==> flow/design.v <==
module dp_arith_add_mod #(
  parameter integer WD = 36
) (
  input wire aclk,
  input wire srst,
  input wire [WD-1:0] in0,
  input wire [WD-1:0] in1,
  input wire carry_in,
  output wire [WD-1:0] o,
  output wire carry_out
);
  wire [WD:0] r = in0 + in1 + carry_in;
  reg [WD-1:0] o_d1;
  always @(posedge aclk) begin
    if (srst) begin
      o_d1 <= 0;
    end else begin
      o_d1 <= r[WD-1:0];
    end
  end
  assign o = o_d1;
  reg carry_out_d1;
  always @(posedge aclk) begin
    if (srst) begin
      carry_out_d1 <= 1'b0;
    end else begin
      carry_out_d1 <= r[WD];
    end
  end
  assign carry_out = carry_out_d1;
endmodule
# Step by step through the tools: dp_arith_add_mod
# The steps from the RTL of dp_arith_add_mod to its reports follow in flow order.
# Line numbers count from 1 in the design file above.
# Cell names lack the library's common part.
# A cell with - has no value.
# setup
top_module	dp_arith_add_mod
clock	aclk
cell_library	sky130hd
corner	tt_025C_1v80

# Elaborated design
# Yosys after proc, flatten, opt, wreduce and memory -nomap, before mapping. Enables and synchronous resets that opt folds into registers are not counted as muxes. Memory bits, and registers merged into a memory's read port (data or address), are not among the register bits. Print and check cells are not counted. Equal cells are merged and count once.
# word_totals
register_bits	37
latch_bits	0
ramBits	0
romBits	0
clocked_rd_ports_x_width	0
mem_count	0
inputBits	75
output_inout_bits	37
word_cells	4
# op_classes
n_addsub	2
multipliers	0
n_div	0
compare	0
equal	0
n_shift	0
mux	0
logic	0
reduce_and_logical	0
# op_table
op	n
36-bit by 36-bit adder with 37-bit output	1
37-bit by 1-bit adder with 37-bit output	1

# Depth
# Yosys ltp: most cells in a row. Word level: on the elaborated netlist, between registers, memories and ports. Mapped: between sequential cells and ports; inverters and the memories' decode and read muxes count.
# depth
word_depth	2
abc_area	0
ltp_mapped	10
mapped_depth_nobuf	10

# Mapped cells and area
# Source: synth_stat.txt of the flow (Yosys; design flattened, memories mapped). It holds for the ABC_AREA given above (unset counts as 0); a run with the other value may have another netlist.
# Totals and module areas in this step are rounded.
# types
type	n	type_area_um2
dfxtp_1	37	740.71
ha_1	35	437.92
nor2_1	54	202.694
a21o_1	25	187.68
a21oi_1	34	170.163
xnor2_1	14	122.618
xor2_1	13	113.859
nand2_1	24	90.086
o21ai_0	15	75.072
and3_1	8	50.048
clkbuf_1	12	45.043
nor3_1	9	45.043
a31oi_1	7	43.792
nand4_1	7	43.792
fa_1	2	40.038
nor2b_1	6	37.536
o21bai_1	5	37.536
nand3_1	6	30.029
# Other cell types: 29; their cells: 46.
# mapped
mapped_cells	359
mapped_area_um2	2890
seq_area_um2	741
flip_flops	37

# Worst setup path after synthesis
# OpenSTA on the mapped netlist: ideal clock, no wires. The path of least setup slack (recovery checks aside). Input and output delay are each 20% of the period. Register names are those of the netlist, which keeps one name where synthesis merged equal registers.
# synth_timing
kind	input-to-reg
from	input in0[0]
to	register carry_out_d1
period_ps	4020
input_delay_ps	804
setup_time_ps	132
arrival_ps	3246
required_ps	3888
slack_ps	642
path_delay_ps	2574
path_stages	10
path_buffers	0
period_less_setup_slack_ps	3378
# "path_delay_ps" = arrival - input delay + setup time.
# "path_stages" counts driving pins, that of a launching flip-flop among them; a cell with two outputs on the path counts twice.
# "period_less_setup_slack_ps" is the clock period less the worst setup slack; recovery checks do not enter. This is arithmetic on one report: input and output delays are still those of the set period (20% each).
# Between the ends stands the longest chain of elaborated cells between them, by number of cells; it is not shown to be the way that was timed. Of several equally long chains one is given.
# A line is the first line of the expression or statement that the cell stems from. Yosys adds cells for indexed reads and writes and turns some case tables into memories.
# synth_via
cell_sequence	fa_1 > fa_1 > a21o_1 > a221o_1 > a221oi_2 > o211ai_1 > a31oi_2 > o21ai_2 > a2111oi_2 > nor3_1
elab_chain_cells	2
# synth_lines
element	line	source
from (decl)	6	input wire [WD-1:0] in0,
36-bit by 36-bit adder with 37-bit output	12	wire [WD:0] r = in0 + in1 + carry_in;
37-bit by 1-bit adder with 37-bit output	12
to (assign)	25	carry_out_d1 <= 1'b0;
to (assign)	27	carry_out_d1 <= r[WD];
to (decl)	22	reg carry_out_d1;

# Worst path after layout
# Path of least setup slack in the final report of run 2 (OpenROAD, finished layout, wires in). Where an end is a register, its clock arrival counts in the times.
# The path's times are printed in steps of 10 ps; the period is the one set.
# layout_timing
kind	input-to-reg
from	input in0[0]
to	register carry_out_d1
period_ps	4020
input_delay_ps	800
setup_time_ps	150
arrival_ps	3950
required_ps	4150
slack_ps	210
path_stages	11
path_buffers	1
# Between the ends stands the longest chain of elaborated cells between them, by number of cells; it is not shown to be the way that was timed. Of several equally long chains one is given.
# layout_via
cell_sequence	clkdlybuf4s50_1 > fa_1 > fa_1 > a21o_1 > a221o_1 > a221oi_2 > o211ai_1 > a31oi_2 > o21ai_2 > a2111oi_2 > nor3_1
elab_chain_cells	2
# layout_lines
element	line	source
from (decl)	6	input wire [WD-1:0] in0,
36-bit by 36-bit adder with 37-bit output	12	wire [WD:0] r = in0 + in1 + carry_in;
37-bit by 1-bit adder with 37-bit output	12
to (assign)	25	carry_out_d1 <= 1'b0;
to (assign)	27	carry_out_d1 <= r[WD];
to (decl)	22	reg carry_out_d1;

# dp_arith_add_mod through Yosys and OpenROAD on sky130hd: 3 stored runs, unordered, with their settings and measured results. The constraints put input and output delay at 20% of the set period each and load the outputs with 0.01 pF.
# "period_reached_ps" means the clock period less the worst setup slack. The figure is calculated, with input and output delays left at 20% of the set period.
# By "critical_path_time_ps" is meant the share of the clock period that the worst setup path is allowed (20% is reserved at inputs, 20% at outputs), minus its slack. Clock arrival times at its registers enter into it.
# "power.total_uw" rests on the timing tool's default activity at the inputs, not on a simulated workload.
# "critical_path_time_ps" is given in steps of 10 ps.
# Measured values are rounded.
# A setting shown as -- is not set for that run.
# A result given as -- is not shown for that run.
stored run	period_ns	CORE_UTILIZATION	SETUP_SLACK_MARGIN	PLACE_DENSITY_LB_ADDON	CORE_ASPECT_RATIO	CORE_MARGIN	CAP_MARGIN	SLEW_MARGIN	ABC_AREA	CTS_CLUSTER_SIZE	yosys_chip_area_um2	final_die_area_um2	stdcell_area_um2	final_util_pct	final_setup_ws_ps	final_setup_tns_ps	fin_hold_ws_ps	power.total_uw	period_reached_ps	critical_path_time_ps	critical_path_type
run 1	2.67	50	0.27	0.2	0.53	5	15	20	--	--	--	--	--	--	--	--	--	--	--	--	--
run 2	4.02	40	--	--	--	2	20	20	--	--	2890	7930	4240	59.4	209	0	1310	1400	3811	3010	input-to-reg
run 3	2.02	36	0.34	0.1	0.53	7	35	15	0	52	2890	10900	6340	82.8	-801	-12800	542	3780	2821	2420	input-to-reg
# Run 1: unfinished; error DPL-0038 in routing
